==> flow/design.v <==
module u_add_sub_top #(
  parameter int NBITS = 6
) (
  input  logic sys_clk,
  input  logic resetn,
  input  logic [NBITS-1:0] rs1,
  input  logic [NBITS-1:0] rs2,
  input  logic minus,
  output logic [NBITS-1:0] d,
  output logic co
);
  logic [NBITS-1:0] rs1_q;
  always_ff @(posedge sys_clk or negedge resetn) begin
    if (!resetn) begin
      rs1_q <= 0;
    end else begin
      rs1_q <= rs1;
    end
  end
  logic [NBITS-1:0] rs2_q;
  always_ff @(posedge sys_clk or negedge resetn) begin
    if (!resetn) begin
      rs2_q <= 0;
    end else begin
      rs2_q <= rs2;
    end
  end
  logic minus_q;
  always_ff @(posedge sys_clk or negedge resetn) begin
    if (!resetn) begin
      minus_q <= 1'b0;
    end else begin
      minus_q <= minus;
    end
  end
  logic [NBITS-1:0] r;
  logic [NBITS:0] carry;
  assign carry[0] = minus_q;
  for (genvar gi = 0; gi < NBITS; gi++) begin : slice
    fa unit (.a(rs1_q[gi]), .b(rs2_q[gi] ^ minus_q), .ci(carry[gi]), .s(r[gi]), .co(carry[gi+1]));
  end
  always_ff @(posedge sys_clk or negedge resetn) begin
    if (!resetn) begin
      d <= 0;
    end else begin
      d <= r;
    end
  end
  always_ff @(posedge sys_clk or negedge resetn) begin
    if (!resetn) begin
      co <= 1'b0;
    end else begin
      co <= carry[NBITS];
    end
  end
endmodule
module fa (
  input logic a,
  input logic b,
  input logic ci,
  output logic s,
  output logic co
);
  assign s = a ^ b ^ ci;
  assign co = (a & b) | (ci & (a ^ b));
endmodule
### From RTL to reports: u_add_sub_top

Tool output for the design above, in the order of the flow.
Line numbers count from 1 in the design file above.
Operators carry their Yosys type and port widths (W data, S select, Z words).
Library cell names are shortened.
A cell with n/a has no value.

| set-up | value |
|---|---|
| top module | u_add_sub_top |
| clock port | sys_clk |
| cell library | sky130hd |
| library corner | tt_025C_1v80 |

### After elaboration

Counts by Yosys on the flattened word-level netlist (proc, flatten, opt, wreduce; memories kept). Register bits leave out memories and registers merged into their read ports (data or address); mux counts leave out enables and synchronous resets folded into registers. Print and check cells are left out. Cells with the same type and inputs are merged into one.

| bit counts | value |
|---|---|
| input bits | 15 |
| output and inout bits | 7 |
| flip-flop bits (word level) | 20 |

| cells by class | value |
|---|---|
| bitwise operators | 36 |

Operator list:

| kind | number |
|---|---|
| $xor A1 B1 Y1 | 18 |
| $and A1 B1 Y1 | 12 |
| $or A1 B1 Y1 | 6 |

### Longest topological paths

Yosys ltp: most cells in a row. Word level: on the elaborated netlist, between registers, memories and ports. Mapped: between sequential cells and ports; inverters and the memories' decode and read muxes count.

| logic depth | value |
|---|---|
| word-level depth | 14 |
| ABC_AREA | 1 |
| mapped depth | 9 |
| mapped depth without buffers | 9 |

### Netlist

Yosys stat after the flow's synthesis: flattened, memories mapped to cells. It holds for the ABC_AREA given above (unset counts as 0); a run with the other value may have another netlist.
The area totals of this step are shown rounded.

| synthesis totals | value |
|---|---|
| standard cells after synthesis | 62 |
| buffer cells | 0 |
| sequential area | 500.5 µm² |
| mapped flip-flops | 20 |
| synthesis area | 739.5 µm² |

Cell types:

| type | number | total area (µm²) |
|---|---|---|
| dfrtp_1 | 20 | 500.48 |
| fa_1 | 5 | 100.096 |
| nand2_1 | 20 | 75.072 |
| inv_1 | 16 | 60.058 |
| inv_2 | 1 | 3.754 |

### Timing after synthesis

Path of least setup slack by OpenSTA after synthesis, without wires, with an ideal clock, recovery checks aside; 20% of the period is set as input and as output delay. Where synthesis merged equal registers, the netlist keeps one of their names.

| timing path post-synthesis | value |
|---|---|
| path type | reg2reg |
| start point | register minus_q |
| end point | register d[5] |
| stages on the path | 10 |
| launch time at the first pin | 0 ps |
| library setup time | 136 ps |
| required time | 3274 ps |
| arrival time | 2550 ps |
| path delay | 2686 ps |
| clock period | 3410 ps |
| setup slack | 724 ps |
| period reached after synthesis | 2686 ps |

"path delay" is the arrival time less input delay plus setup time.
"stages on the path" counts driving pins, that of a launching flip-flop among them; a cell with two outputs on the path counts twice.
"period reached after synthesis" is the clock period less the worst setup slack; recovery checks do not enter. This is arithmetic on one report: input and output delays are still those of the set period (20% each).
The rows between start and end are the longest chain of elaborated cells between them; the timing report does not say that the signal goes this way. Where chains are equally long, one stands for them.
A line is the first line of the expression or statement that the cell stems from. Yosys adds cells for indexed reads and writes and turns some case tables into memories.

| between the ends, post-synthesis | value |
|---|---|
| cells stage by stage | dfrtp_1 > inv_2 > nand2_1 > nand2_1 > fa_1 > fa_1 > fa_1 > fa_1 > inv_1 > fa_1 |
| length of the longest elaborated chain | 13 |
| elaborated cells between the ends (all ways) | 28 |
| classes of those cells | logic (28) |

Ends and longest elaborated chain, post-synthesis:

| item | line | text |
|---|---|---|
| start: declaration | 28 | `logic minus_q;` |
| start: assignment | 31 | `minus_q <= 1'b0;` |
| start: assignment | 33 | `minus_q <= minus;` |
| $xor A1 B1 Y1 | 40 | `fa unit (.a(rs1_q[gi]), .b(rs2_q[gi] ^ minus_q), .ci(carry[gi]), .s(r[gi]), .co(carry[gi+1]));` |
| $xor A1 B1 Y1 | 65 | `assign co = (a & b) \| (ci & (a ^ b));` |
| $and A1 B1 Y1 | 65 |  |
| $or A1 B1 Y1 | 65 |  |
| $and A1 B1 Y1 | 65 |  |
| $or A1 B1 Y1 | 65 |  |
| $and A1 B1 Y1 | 65 |  |
| $or A1 B1 Y1 | 65 |  |
| $and A1 B1 Y1 | 65 |  |
| $or A1 B1 Y1 | 65 |  |
| $and A1 B1 Y1 | 65 |  |
| $or A1 B1 Y1 | 65 |  |
| $xor A1 B1 Y1 | 64 | `assign s = a ^ b ^ ci;` |
| end: assignment | 44 | `d <= 0;` |
| end: assignment | 46 | `d <= r;` |
| end: declaration | 9 | `output logic [NBITS-1:0] d,` |

### Path in the finished layout

Path of least setup slack in the final report of flow run A (OpenROAD, finished layout, wires in). Where an end is a register, its clock arrival counts in the times.
The path's times are printed in steps of 10 ps; the period is the one set.

| timing path post-layout | value |
|---|---|
| path type | reg2reg |
| start point | register minus_q |
| end point | register d[5] |
| required time | 2050 ps |
| stages on the path | 9 |
| launch time at the first pin | 300 ps |
| setup slack | -630 ps |
| library setup time | 110 ps |
| arrival time | 2690 ps |
| clock period | 1870 ps |

The rows between start and end are the longest chain of elaborated cells between them; the timing report does not say that the signal goes this way. Where chains are equally long, one stands for them.

| between the ends, post-layout | value |
|---|---|
| cells stage by stage | dfrtp_1 > nand2_1 > nand2_2 > fa_2 > fa_2 > fa_2 > fa_2 > inv_2 > fa_1 |
| length of the longest elaborated chain | 13 |
| elaborated cells between the ends (all ways) | 28 |
| classes of those cells | logic (28) |

Ends and longest elaborated chain, post-layout:

| item | line | text |
|---|---|---|
| start: declaration | 28 | `logic minus_q;` |
| start: assignment | 31 | `minus_q <= 1'b0;` |
| start: assignment | 33 | `minus_q <= minus;` |
| $xor A1 B1 Y1 | 40 | `fa unit (.a(rs1_q[gi]), .b(rs2_q[gi] ^ minus_q), .ci(carry[gi]), .s(r[gi]), .co(carry[gi+1]));` |
| $xor A1 B1 Y1 | 65 | `assign co = (a & b) \| (ci & (a ^ b));` |
| $and A1 B1 Y1 | 65 |  |
| $or A1 B1 Y1 | 65 |  |
| $and A1 B1 Y1 | 65 |  |
| $or A1 B1 Y1 | 65 |  |
| $and A1 B1 Y1 | 65 |  |
| $or A1 B1 Y1 | 65 |  |
| $and A1 B1 Y1 | 65 |  |
| $or A1 B1 Y1 | 65 |  |
| $and A1 B1 Y1 | 65 |  |
| $or A1 B1 Y1 | 65 |  |
| $xor A1 B1 Y1 | 64 | `assign s = a ^ b ^ ci;` |
| end: assignment | 44 | `d <= 0;` |
| end: assignment | 46 | `d <= r;` |
| end: declaration | 9 | `output logic [NBITS-1:0] d,` |

Add stored flow runs of u_add_sub_top

Flow measurements of u_add_sub_top on sky130hd: 3 stored runs with different settings, listed in no order. Input and output delays are each 20% of the period that was set; the output load is 0.01 pF.
"period reached": clock period set for the run, less the worst setup slack. It is reckoned from that one timing run; input and output delays stay at 20% of the period that was set.
"time used up by the worst setup path": the worst setup path's part of the clock period (all of it between registers, 20% less for each end at a port) less its slack. A launch clock that arrives late makes it longer, a capture clock that arrives late makes it shorter.
"power consumption" is the tool's figure for a default switching activity; nothing was simulated.
"time used up by the worst setup path" is given in steps of 10 ps.
Values from the reports are rounded here.
A setting shown as -- is not set for that run.
A result given as -- is not shown for that run.

| run | period_ns | CORE_UTILIZATION | PLACE_DENSITY_LB_ADDON | CELL_PAD_IN_SITES_GLOBAL_PLACEMENT | CELL_PAD_IN_SITES_DETAIL_PLACEMENT | TNS_END_PERCENT | ABC_AREA | CTS_CLUSTER_SIZE | CTS_CLUSTER_DIAMETER | CAP_MARGIN | CORE_MARGIN | SLEW_MARGIN | SETUP_SLACK_MARGIN | GPL_TIMING_DRIVEN | GPL_ROUTABILITY_DRIVEN | MIN_ROUTING_LAYER | MAX_ROUTING_LAYER | period reached (ps) | worst slack on setup checks (ps) | power consumption (mW) | standard-cell area after layout (µm²) | post-route setup TNS (ps) | chip area after synthesis (Yosys) (µm²) | time used up by the worst setup path (ps) | critical path kind | post-route utilization (%) | area of the die (µm²) |
|---|---|---|---|---|---|---|---|---|---|---|---|---|---|---|---|---|---|---|---|---|---|---|---|---|---|---|---|
| flow run A | 1.87 | 35 | 0.21 | 2 | 0 | 70 | 1 | 73 | 113 | 20 | 2 | 20 | -- | -- | -- | -- | -- | 2503 | -633 | 0.9092 | 1070 | -1394 | 739.5 | 2500 | reg2reg | 54.0 | 2496 |
| flow run B | 3.41 | 40 | -- | -- | -- | -- | -- | -- | -- | 20 | 2 | 20 | -- | -- | -- | -- | -- | 2822 | 588 | 0.4732 | 968.4 | 0 | 715.7 | 2820 | reg2reg | 56.7 | 2144 |
| flow run C | 3.42 | 69 | 0.14 | 1 | -- | -- | -- | -- | 396 | 20 | 6 | 25 | 0.92 | 1 | 0 | met1 | met5 | -- | -- | -- | -- | -- | -- | -- | -- | -- | -- |

Flow run C: no final report: placement broke off with FLW-0024
